==> flow/design.v <==
module my_mul_n (ck, i_rst_n, dataa, datab, start, prod, ready);
  parameter NBITS = 20;
  input ck;
  input i_rst_n;
  input [NBITS-1:0] dataa;
  input [NBITS-1:0] datab;
  input start;
  output [2*NBITS-1:0] prod;
  output ready;
  reg [NBITS-1:0] dataa_ff;
  reg [NBITS-1:0] datab_ff;
  reg start_ff;
  always @(posedge ck) begin
    if (~i_rst_n) begin
      dataa_ff <= 0;
      datab_ff <= 0;
      start_ff <= 1'b0;
    end else begin
      dataa_ff <= dataa;
      datab_ff <= datab;
      start_ff <= start;
    end
  end
  localparam LOGN = $clog2(NBITS + 1);
  reg [NBITS-1:0] mcand;
  reg [LOGN-1:0] ctr;
  always @(posedge ck) begin
    if (~i_rst_n) begin
      mcand <= 0;
      ctr <= 0;
    end else begin
      mcand <= start_ff ? dataa_ff : mcand;
      ctr <= start_ff ? NBITS : (ctr != 0) ? ctr - 1'b1 : ctr;
    end
  end
  reg [2*NBITS-1:0] state;
  wire [NBITS:0] r;
  assign r = state[2*NBITS-1:NBITS] + (state[0] ? mcand : {NBITS{1'b0}});
  always @(posedge ck) begin
    if (~i_rst_n) begin
      state <= 0;
    end else begin
      state <= start_ff ? {{NBITS{1'b0}}, datab_ff} : (ctr != 0) ? {r, state[NBITS-1:1]} : state;
    end
  end
  assign prod = state;
  assign ready = (ctr == 0);
endmodule
---- Reports on my_mul_n ----
What the tools print for my_mul_n, step after step.
Line numbers count from 1 in the design file above.
Operators carry their Yosys type and port widths (W data, S select, Z words).
Library cell names are shortened.
A cell with - has no value.
design
  top ..................................... my_mul_n
  clock ................................... ck
  cell library ............................ sky130hd
  library corner .......................... tt_025C_1v80

---- Word level ----
Counts by Yosys on the flattened word-level netlist (proc, flatten, opt, wreduce; memories kept). Register bits leave out memories and registers merged into their read ports (data or address). Print and check cells are left out. Cells with the same type and inputs are merged into one.
cells by class
  add/sub/neg operators ................... 2
  mux-type cells .......................... 5
  bitwise operators ....................... 1
  reduce/logical cells .................... 4
operators by type and width
  kind                   count
  $mux W20               3
  $add A20 B20 Y21       1
  $mux W5                2
  $sub A5 B1 Y5 const B  1
  $logic_not A5 Y1       1
  $reduce_bool A5 Y1     1
  $reduce_bool A2 Y1     1
  $reduce_or A2 Y1       1
  $not A1 Y1             1
word-level totals
  register bits after elaboration ......... 106
  bits of input ports ..................... 43
  output and inout port bits .............. 41
  elaborated cells ........................ 20

---- Longest topological paths ----
Depth = most cells in a row (Yosys ltp): at word level without a register or memory, in the mapped netlist without a sequential cell, where the memories' decode and read muxes count.
logic depth
  depth after elaboration ................. 4
  ABC_AREA ................................ 0
  gate-level depth with buffers ........... 12
  depth with buffers taken out ............ 10

---- After synthesis ----
Source: synth_stat.txt of the flow (Yosys; design flattened, memories mapped). It holds for the ABC_AREA given above (unset counts as 0); a run with the other value may have another netlist.
cells by type
  cell      count  total area (um^2)
  dfxtp_1   106    2.12E+03
  and2_1    61     381.616
  a21oi_1   68     340.326
  nor2b_1   44     275.264
  ha_1      21     262.752
  nand2_1   68     255.245
  mux2i_1   21     210.202
  clkbuf_1  25     93.84
  o21ai_0   18     90.086
  nor2_1    19     71.318
  xnor2_1   7      61.309
  a211oi_1  8      60.058
  a21o_1    8      60.058
  xor2_1    6      52.55
  nand3_1   7      35.034
  inv_1     8      30.029
  a31oi_1   4      25.024
  buf_12    1      20.019
Other cell types: 36; their cells: 50.
mapped netlist
  cells in the netlist .................... 550
  mapped area ............................. 4862.2 um^2
  sequential part of the area ............. 2122.0 um^2
  flip-flop cells ......................... 106
  buffers ................................. 33

---- Worst setup path after synthesis ----
Path of least setup slack by OpenSTA after synthesis, without wires, with an ideal clock, recovery checks aside; 20% of the period is set as input and as output delay. Where synthesis merged equal registers, the netlist keeps one of their names.
path post-synthesis
  path type ............................... flip-flop to flip-flop
  start point ............................. reg state[0]
  end point ............................... reg state[37]
  period .................................. 3.09 ns
  setup time .............................. 0.127 ns
  launch time at the first pin ............ 0.000 ns
  arrival ................................. 2.348 ns
  data required time ...................... 2.963 ns
  path slack .............................. 0.614 ns
  delay of the path ....................... 2.475 ns
  stages on the path ...................... 11
  path buffers ............................ 1
  synthesis period reached ................ 2.476 ns
"delay of the path" is the arrival time less input delay plus setup time.
"stages on the path" counts driving pins, that of a launching flip-flop among them; a cell with two outputs on the path counts twice.
"synthesis period reached" is the clock period less the worst setup slack; recovery checks do not enter. This is arithmetic on one report: input and output delays are still those of the set period (20% each).
The rows between start and end are the longest chain of elaborated cells between them; the timing report does not say that the signal goes this way. Where chains are equally long, one stands for them.
A line is the first line of the expression or statement that the cell stems from. Yosys adds cells for indexed reads and writes and turns some case tables into memories.
on the way, post-synthesis
  cells stage by stage .................... dfxtp_1 -> clkbuf_1 -> and2_1 -> ha_1 -> fa_1 -> a21oi_1 -> nand4b_1 -> a211oi_1 -> o21ai_0 -> nor3_1 -> or3b_1
  cells in the longest elaborated chain ... 2
  elaborated cells on any way between the ends .. 2
  source lines of those cells ............. 1
  classes of those cells .................. 1 x add/sub; 1 x mux
ends and longest elaborated chain, post-synthesis
  what              RTL line  source
  start, declared   36        reg [2*NBITS-1:0] state;
  start, assigned   41        state <= 0;
  start, assigned   43        state <= start_ff ? {{NBITS{1'b0}}, datab_ff} : (ctr != 0) ? {r, state[NBITS-1:1]} : state;
  $mux W20          38        assign r = state[2*NBITS-1:NBITS] + (state[0] ? mcand : {NBITS{1'b0}});
  $add A20 B20 Y21  38
  end, assigned     41
  end, assigned     43
  end, declared     36

---- Worst path after layout ----
Path of least setup slack in the final report of run 2 (OpenROAD, finished layout, wires in). Where an end is a register, its clock arrival counts in the times.
path post-layout
  path type ............................... flip-flop to flip-flop
  start point ............................. reg state[0]
  end point ............................... reg state[37]
  period .................................. 3.09 ns
  setup time .............................. 0.12 ns
  launch time at the first pin ............ 0.35 ns
  arrival ................................. 2.88 ns
  data required time ...................... 3.33 ns
  path slack .............................. 0.44 ns
  stages on the path ...................... 10
  path buffers ............................ 0
The rows between start and end are the longest chain of elaborated cells between them; the timing report does not say that the signal goes this way. Where chains are equally long, one stands for them.
on the way, post-layout
  cells stage by stage .................... dfxtp_2 -> and2_1 -> ha_1 -> fa_1 -> a21oi_1 -> nand4b_1 -> a211oi_1 -> o21ai_0 -> nor3_1 -> or3b_1
  cells in the longest elaborated chain ... 2
  elaborated cells on any way between the ends .. 2
  source lines of those cells ............. 1
  classes of those cells .................. 1 x add/sub; 1 x mux
ends and longest elaborated chain, post-layout
  what              RTL line  source
  start, declared   36        reg [2*NBITS-1:0] state;
  start, assigned   41        state <= 0;
  start, assigned   43        state <= start_ff ? {{NBITS{1'b0}}, datab_ff} : (ctr != 0) ? {r, state[NBITS-1:1]} : state;
  $mux W20          38        assign r = state[2*NBITS-1:NBITS] + (state[0] ? mcand : {NBITS{1'b0}});
  $add A20 B20 Y21  38
  end, assigned     41
  end, assigned     43
  end, declared     36

Design my_mul_n on sky130hd. What follows are 3 stored runs of the flow, each under its own settings; their order means nothing. The constraints put input and output delay at 20% of the set period each and load the outputs with 0.01 pF.
"achieved clock period (ns)" = clock period - worst setup slack. The figure is calculated, with input and output delays left at 20% of the set period.
"worst setup path time (ns)": the worst setup path's part of the clock period (all of it between registers, 20% less for each end at a port) less its slack. A launch clock that arrives late makes it longer, a capture clock that arrives late makes it shorter.
"finish__power__total" is the tool's figure for a default switching activity; nothing was simulated.

Flow files of run 1
==> flow/run.sh <==
#!/bin/bash
# the make line also repeats the synthesis and layout settings of config.mk as NAME=value (left out here)
make -C /OpenROAD-flow-scripts/flow DESIGN_CONFIG=/design/flow/config.mk WORK_HOME=/design/flow/orfs CLKGATE_MAP_FILE= finish
==> flow/config.mk <==
export PLATFORM = sky130hd
export DESIGN_NAME = my_mul_n
export DESIGN_NICKNAME = my_mul_n
export VERILOG_FILES = /design/flow/design.v
export SDC_FILE = /design/flow/constraint.sdc
export NUM_CORES = 4
export LEC_CHECK = 0
export ABC_AREA = 0
export CAP_MARGIN = 20
export CELL_PAD_IN_SITES_DETAIL_PLACEMENT = 2
export CORE_ASPECT_RATIO = 1.46
export CORE_MARGIN = 2
export CORE_UTILIZATION = 62
export GPL_ROUTABILITY_DRIVEN = 1
export PLACE_DENSITY_LB_ADDON = 0.15
export SETUP_SLACK_MARGIN = 0.72
export SLEW_MARGIN = 20
==> flow/constraint.sdc <==
create_clock -name core_clock -period 2.62 [get_ports {ck}]
set_input_delay 0.5240 -clock core_clock [delete_from_list [all_inputs] [get_ports {ck}]]
set_output_delay 0.5240 -clock core_clock [all_outputs]
set_load 0.01 [all_outputs]

report of run 1: did not finish, place, DPL-0033

Flow files of run 2
==> flow/run.sh <==
#!/bin/bash
# the make line also repeats the synthesis and layout settings of config.mk as NAME=value (left out here)
make -C /OpenROAD-flow-scripts/flow DESIGN_CONFIG=/design/flow/config.mk WORK_HOME=/design/flow/orfs CLKGATE_MAP_FILE= finish
==> flow/config.mk <==
export PLATFORM = sky130hd
export DESIGN_NAME = my_mul_n
export DESIGN_NICKNAME = my_mul_n
export VERILOG_FILES = /design/flow/design.v
export SDC_FILE = /design/flow/constraint.sdc
export NUM_CORES = 4
export LEC_CHECK = 0
export CAP_MARGIN = 20
export CORE_MARGIN = 2
export CORE_UTILIZATION = 40
export SLEW_MARGIN = 20
==> flow/constraint.sdc <==
create_clock -name core_clock -period 3.09 [get_ports {ck}]
set_input_delay 0.6180 -clock core_clock [delete_from_list [all_inputs] [get_ports {ck}]]
set_output_delay 0.6180 -clock core_clock [all_outputs]
set_load 0.01 [all_outputs]

report of run 2
yosys chip area after synthesis (um^2): 4862.2
finish__design__die__area: 13053.1
finish__design__instance__area__stdcell: 6020.8
finish__design__instance__utilization: 0.5033
finish__timing__setup__ws: 0.441
finish__timing__setup__tns: 0.000
finish__timing__hold__ws: 0.479
finish__power__total: 3.521e-03
achieved clock period (ns): 2.649
worst setup path time (ns): 2.65
worst setup path kind: flip-flop to flip-flop

Flow files of run 3
==> flow/run.sh <==
#!/bin/bash
# the make line also repeats the synthesis and layout settings of config.mk as NAME=value (left out here)
make -C /OpenROAD-flow-scripts/flow DESIGN_CONFIG=/design/flow/config.mk WORK_HOME=/design/flow/orfs CLKGATE_MAP_FILE= finish
==> flow/config.mk <==
export PLATFORM = sky130hd
export DESIGN_NAME = my_mul_n
export DESIGN_NICKNAME = my_mul_n
export VERILOG_FILES = /design/flow/design.v
export SDC_FILE = /design/flow/constraint.sdc
export NUM_CORES = 4
export LEC_CHECK = 0
export ABC_AREA = 1
export CAP_MARGIN = 20
export CELL_PAD_IN_SITES_DETAIL_PLACEMENT = 1
export CORE_ASPECT_RATIO = 0.82
export CORE_MARGIN = 2
export CORE_UTILIZATION = 50
export CTS_CLUSTER_SIZE = 60
export MAX_ROUTING_LAYER = met4
export MIN_ROUTING_LAYER = met1
export PLACE_DENSITY_LB_ADDON = 0.07
export SETUP_SLACK_MARGIN = 0.48
export SLEW_MARGIN = 20
export TNS_END_PERCENT = 30
==> flow/constraint.sdc <==
create_clock -name core_clock -period 3.39 [get_ports {ck}]
set_input_delay 0.6780 -clock core_clock [delete_from_list [all_inputs] [get_ports {ck}]]
set_output_delay 0.6780 -clock core_clock [all_outputs]
set_load 0.01 [all_outputs]

report of run 3
yosys chip area after synthesis (um^2): 4961.0
finish__design__die__area: 10738.8
finish__design__instance__area__stdcell: 6173.4
finish__design__instance__utilization: 0.6478
finish__timing__setup__ws: 0.727
finish__timing__setup__tns: 0.000
finish__timing__hold__ws: 0.474
finish__power__total: 4.286e-03
achieved clock period (ns): 2.663
worst setup path time (ns): 1.99
worst setup path kind: flip-flop to output port
